==> flow/design.v <==
module u_addsub_v2 #(
   parameter int DATA_WIDTH = 72
) (
   input logic clk_i,
   input logic rst_ni,
   input logic [DATA_WIDTH-1:0] u,
   input logic [DATA_WIDTH-1:0] v,
   input logic do_sub,
   output logic [DATA_WIDTH-1:0] result,
   output logic cout
);
   logic [DATA_WIDTH-1:0] u_d1;
   always_ff @(posedge clk_i or negedge rst_ni) begin
      if (~rst_ni) begin
         u_d1 <= '0;
      end else begin
         u_d1 <= u;
      end
   end
   logic [DATA_WIDTH-1:0] v_d1;
   always_ff @(posedge clk_i or negedge rst_ni) begin
      if (~rst_ni) begin
         v_d1 <= '0;
      end else begin
         v_d1 <= v;
      end
   end
   logic do_sub_d1;
   always_ff @(posedge clk_i or negedge rst_ni) begin
      if (~rst_ni) begin
         do_sub_d1 <= 1'b0;
      end else begin
         do_sub_d1 <= do_sub;
      end
   end
   logic [DATA_WIDTH-1:0] mid;
   assign mid = v_d1 ^ {DATA_WIDTH{do_sub_d1}};
   logic [DATA_WIDTH:0] r;
   assign r = u_d1 + mid + do_sub_d1;
   assign result = r[DATA_WIDTH-1:0];
   assign cout = r[DATA_WIDTH];
endmodule
* Tool chain data of u_addsub_v2
The steps from the RTL of u_addsub_v2 to its reports follow in flow order.
Line numbers count from 1 in the design file above.
The mark -- stands for no value.
- Design top :: u_addsub_v2
- Clock port :: clk_i
- Cell library :: sky130hd
- Timing corner :: tt_025C_1v80

* Word level
Yosys after proc, flatten, opt, wreduce and memory -nomap, before mapping. Enables and synchronous resets that opt folds into registers are not counted as muxes. Memory bits, and registers merged into a memory's read port (data or address), are not among the register bits. Print and check cells are not counted. Equal cells are merged and count once.
- Add/sub/neg operators :: 2
- Bitwise gates (word level) :: 1
** Operator list (count)
- adder 72 x 72 -> 73 bit :: 1
- adder 73 x 1 -> 73 bit :: 1
- bitwise XOR 72 bit :: 1
- Word-level cells :: 6
- Register bits after elaboration :: 145

* Longest topological paths
Depth = most cells in a row (Yosys ltp): at word level without a register or memory, in the mapped netlist without a sequential cell, where the memories' decode and read muxes count.
- Depth in word-level cells :: 3
- ABC_AREA :: 0
- Mapped depth :: 15
- Mapped depth without buffers :: 13

* Mapped cells and area
The flow's flattened synthesis, as Yosys stat reports it; memories are mapped. The netlist is that of the ABC_AREA named above (0 if unset); the other value can give another one.
The area totals of this step are shown rounded.
- Cells in the netlist :: 899
- Mapped area :: 8790 sq um
- Flip-flops :: 145
- Sequential part of the area :: 3630 sq um
** Cells by type
- sky130_fd_sc_hd__dfrtp_1 :: count 145, area in all 3628.48 sq um
- sky130_fd_sc_hd__ha_1 :: count 72, area in all 900.864 sq um
- sky130_fd_sc_hd__xor2_1 :: count 96, area in all 840.806 sq um
- sky130_fd_sc_hd__a21oi_1 :: count 100, area in all 500.48 sq um
- sky130_fd_sc_hd__xnor2_1 :: count 44, area in all 385.37 sq um
- sky130_fd_sc_hd__nand2_1 :: count 73, area in all 274.013 sq um
- sky130_fd_sc_hd__a21o_1 :: count 28, area in all 210.202 sq um
- sky130_fd_sc_hd__o21ai_0 :: count 34, area in all 170.163 sq um
- sky130_fd_sc_hd__nand4_1 :: count 27, area in all 168.912 sq um
- sky130_fd_sc_hd__nor2_1 :: count 40, area in all 150.144 sq um
- sky130_fd_sc_hd__o21bai_1 :: count 16, area in all 120.115 sq um
- sky130_fd_sc_hd__inv_1 :: count 26, area in all 97.594 sq um
- sky130_fd_sc_hd__o21a_1 :: count 12, area in all 90.086 sq um
- sky130_fd_sc_hd__o21ai_1 :: count 18, area in all 90.086 sq um
- sky130_fd_sc_hd__clkbuf_1 :: count 22, area in all 82.579 sq um
- sky130_fd_sc_hd__o31ai_1 :: count 10, area in all 75.072 sq um
- sky130_fd_sc_hd__nand2b_1 :: count 9, area in all 56.304 sq um
- sky130_fd_sc_hd__nor2b_1 :: count 9, area in all 56.304 sq um
Other cell types: 50; their cells: 118.

* Worst setup path after synthesis
Source: OpenSTA report_checks on the synthesized netlist (no wires, ideal clock, input and output delay 20% of the period each), path of least setup slack; recovery checks are left aside. Register names are those of the netlist, which keeps one name where synthesis merged equal registers.
- Path type :: register to output
- Start point :: reg do_sub_d1
- End point :: out result[54]
- Output delay :: 1146 ps
- Data arrival time :: 3670 ps
- Time at the first pin :: 0 ps
- Period :: 5730 ps
- Stages on the path :: 16
- Path delay :: 3670 ps
- Path slack :: 914 ps
- Synthesis period reached :: 4816 ps
"path delay" = arrival - input delay + setup time.
At an output port there is no setup time.
"stages on the path" counts driving pins, that of a launching flip-flop among them; a cell with two outputs on the path counts twice.
"synthesis period reached" = period - worst setup slack (recovery checks aside). The figure is calculated, with input and output delays left at 20% of the set period.
Between the ends stands the longest chain of elaborated cells between them, by number of cells; it is not shown to be the way that was timed. Of several equally long chains one is given.
A line is the first line of the expression or statement that the cell stems from. Yosys adds cells for indexed reads and writes and turns some case tables into memories.
- Cells stage by stage :: sky130_fd_sc_hd__dfrtp_1 sky130_fd_sc_hd__buf_2 sky130_fd_sc_hd__buf_1 sky130_fd_sc_hd__xor2_1 sky130_fd_sc_hd__ha_1 sky130_fd_sc_hd__buf_6 sky130_fd_sc_hd__a21o_1 sky130_fd_sc_hd__a211o_1 sky130_fd_sc_hd__or3_1 sky130_fd_sc_hd__a311oi_2 sky130_fd_sc_hd__nor2_2 sky130_fd_sc_hd__a221oi_2 sky130_fd_sc_hd__a2111oi_2 sky130_fd_sc_hd__o21ai_4 sky130_fd_sc_hd__o21ai_2 sky130_fd_sc_hd__a311oi_1
- Length of the longest elaborated chain :: 3
** Ends and longest elaborated chain, post-synthesis
- start, declared :: RTL line 28 : logic do_sub_d1;
- start, assigned :: RTL line 31 : do_sub_d1 <= 1'b0;
- start, assigned :: RTL line 33 : do_sub_d1 <= do_sub;
- bitwise XOR 72 bit :: RTL line 37 : assign mid = v_d1 ^ {DATA_WIDTH{do_sub_d1}};
- adder 72 x 72 -> 73 bit :: RTL line 39 : assign r = u_d1 + mid + do_sub_d1;
- adder 73 x 1 -> 73 bit :: RTL line 39
- end, declared :: RTL line 9 : output logic [DATA_WIDTH-1:0] result,

* Timing after layout
From the final timing report of flow run 1: the path of least setup slack in the routed layout; clock arrival at registers is part of the times.
The path's times are printed in steps of 10 ps; the period is the one set.
- Path type :: register to output
- Start point :: reg do_sub_d1
- End point :: out result[62]
- Data arrival time :: 4550 ps
- Path slack :: 30 ps
- Period :: 5730 ps
- Time at the first pin :: 430 ps
- Output delay :: 1150 ps
- Stages on the path :: 14
Between the ends stands the longest chain of elaborated cells between them, by number of cells; it is not shown to be the way that was timed. Of several equally long chains one is given.
- Cells stage by stage :: sky130_fd_sc_hd__dfrtp_4 sky130_fd_sc_hd__buf_12 sky130_fd_sc_hd__xor2_1 sky130_fd_sc_hd__ha_1 sky130_fd_sc_hd__a21o_1 sky130_fd_sc_hd__a211o_1 sky130_fd_sc_hd__or3_1 sky130_fd_sc_hd__a311oi_4 sky130_fd_sc_hd__nor2_4 sky130_fd_sc_hd__a211oi_2 sky130_fd_sc_hd__o21ai_2 sky130_fd_sc_hd__a221oi_2 sky130_fd_sc_hd__xnor2_1 sky130_fd_sc_hd__clkdlybuf4s50_1
- Length of the longest elaborated chain :: 3
** Ends and longest elaborated chain, post-layout
- start, declared :: RTL line 28 : logic do_sub_d1;
- start, assigned :: RTL line 31 : do_sub_d1 <= 1'b0;
- start, assigned :: RTL line 33 : do_sub_d1 <= do_sub;
- bitwise XOR 72 bit :: RTL line 37 : assign mid = v_d1 ^ {DATA_WIDTH{do_sub_d1}};
- adder 72 x 72 -> 73 bit :: RTL line 39 : assign r = u_d1 + mid + do_sub_d1;
- adder 73 x 1 -> 73 bit :: RTL line 39
- end, declared :: RTL line 9 : output logic [DATA_WIDTH-1:0] result,

Subject: flow runs of u_addsub_v2

Hi,

Top module u_addsub_v2; platform sky130hd; tools Yosys and OpenROAD; 3 stored runs in no particular order. Input and output delays are each 20% of the period that was set; the output load is 0.01 pF.
By "period achieved" is meant the clock period of the run minus its worst setup slack. This is arithmetic on one report: input and output delays are still those of the set period (20% each).
"time of the worst setup path" is the time allowed to the run's worst setup path (the clock period less input and output delay, where it has them) less its slack. Clock arrival times count: a late capture clock shortens it, a late launch clock lengthens it.
"overall power": no workload was simulated; the value follows from the tool's default switching activity.
"time of the worst setup path" is known to 10 ps.
The measured numbers are rounded.

** Flow run 1
- Settings :: period_ns=5.73; CAP_MARGIN=20; CORE_MARGIN=2; CORE_UTILIZATION=40; SLEW_MARGIN=20
- Netlist area reported by Yosys :: 8790 sq um
- Area of the die :: 23200 sq um
- Area of the standard cells in the finished layout :: 12200 sq um
- Utilization after layout :: 0.562
- Worst setup slack after layout :: 32 ps
- Sum of negative setup slack :: 0 ps
- Overall power :: 3720 uW
- Period achieved :: 5698 ps
- Time of the worst setup path :: 4550 ps
- Critical path type :: register to output

** Flow run 2
- Settings :: period_ns=3.64; CORE_UTILIZATION=57; PLACE_DENSITY_LB_ADDON=0.26; CELL_PAD_IN_SITES_DETAIL_PLACEMENT=0; GPL_ROUTABILITY_DRIVEN=1; CTS_CLUSTER_DIAMETER=213; SLEW_MARGIN=5; CAP_MARGIN=20; CORE_MARGIN=2
- Outcome :: stopped before the end: clock tree synthesis reported DPL-0038

** Flow run 3
- Settings :: period_ns=4.27; CORE_UTILIZATION=19; PLACE_DENSITY_LB_ADDON=0.14; TNS_END_PERCENT=75; GPL_TIMING_DRIVEN=1; GPL_ROUTABILITY_DRIVEN=1; SLEW_MARGIN=25; MAX_ROUTING_LAYER=met5; CAP_MARGIN=20; CORE_MARGIN=2
- Netlist area reported by Yosys :: 8790 sq um
- Area of the die :: 48000 sq um
- Area of the standard cells in the finished layout :: 16900 sq um
- Utilization after layout :: 0.371
- Worst setup slack after layout :: -968 ps
- Sum of negative setup slack :: -30900 ps
- Overall power :: 6160 uW
- Period achieved :: 5238 ps
- Time of the worst setup path :: 4380 ps
- Critical path type :: register to output

Regards
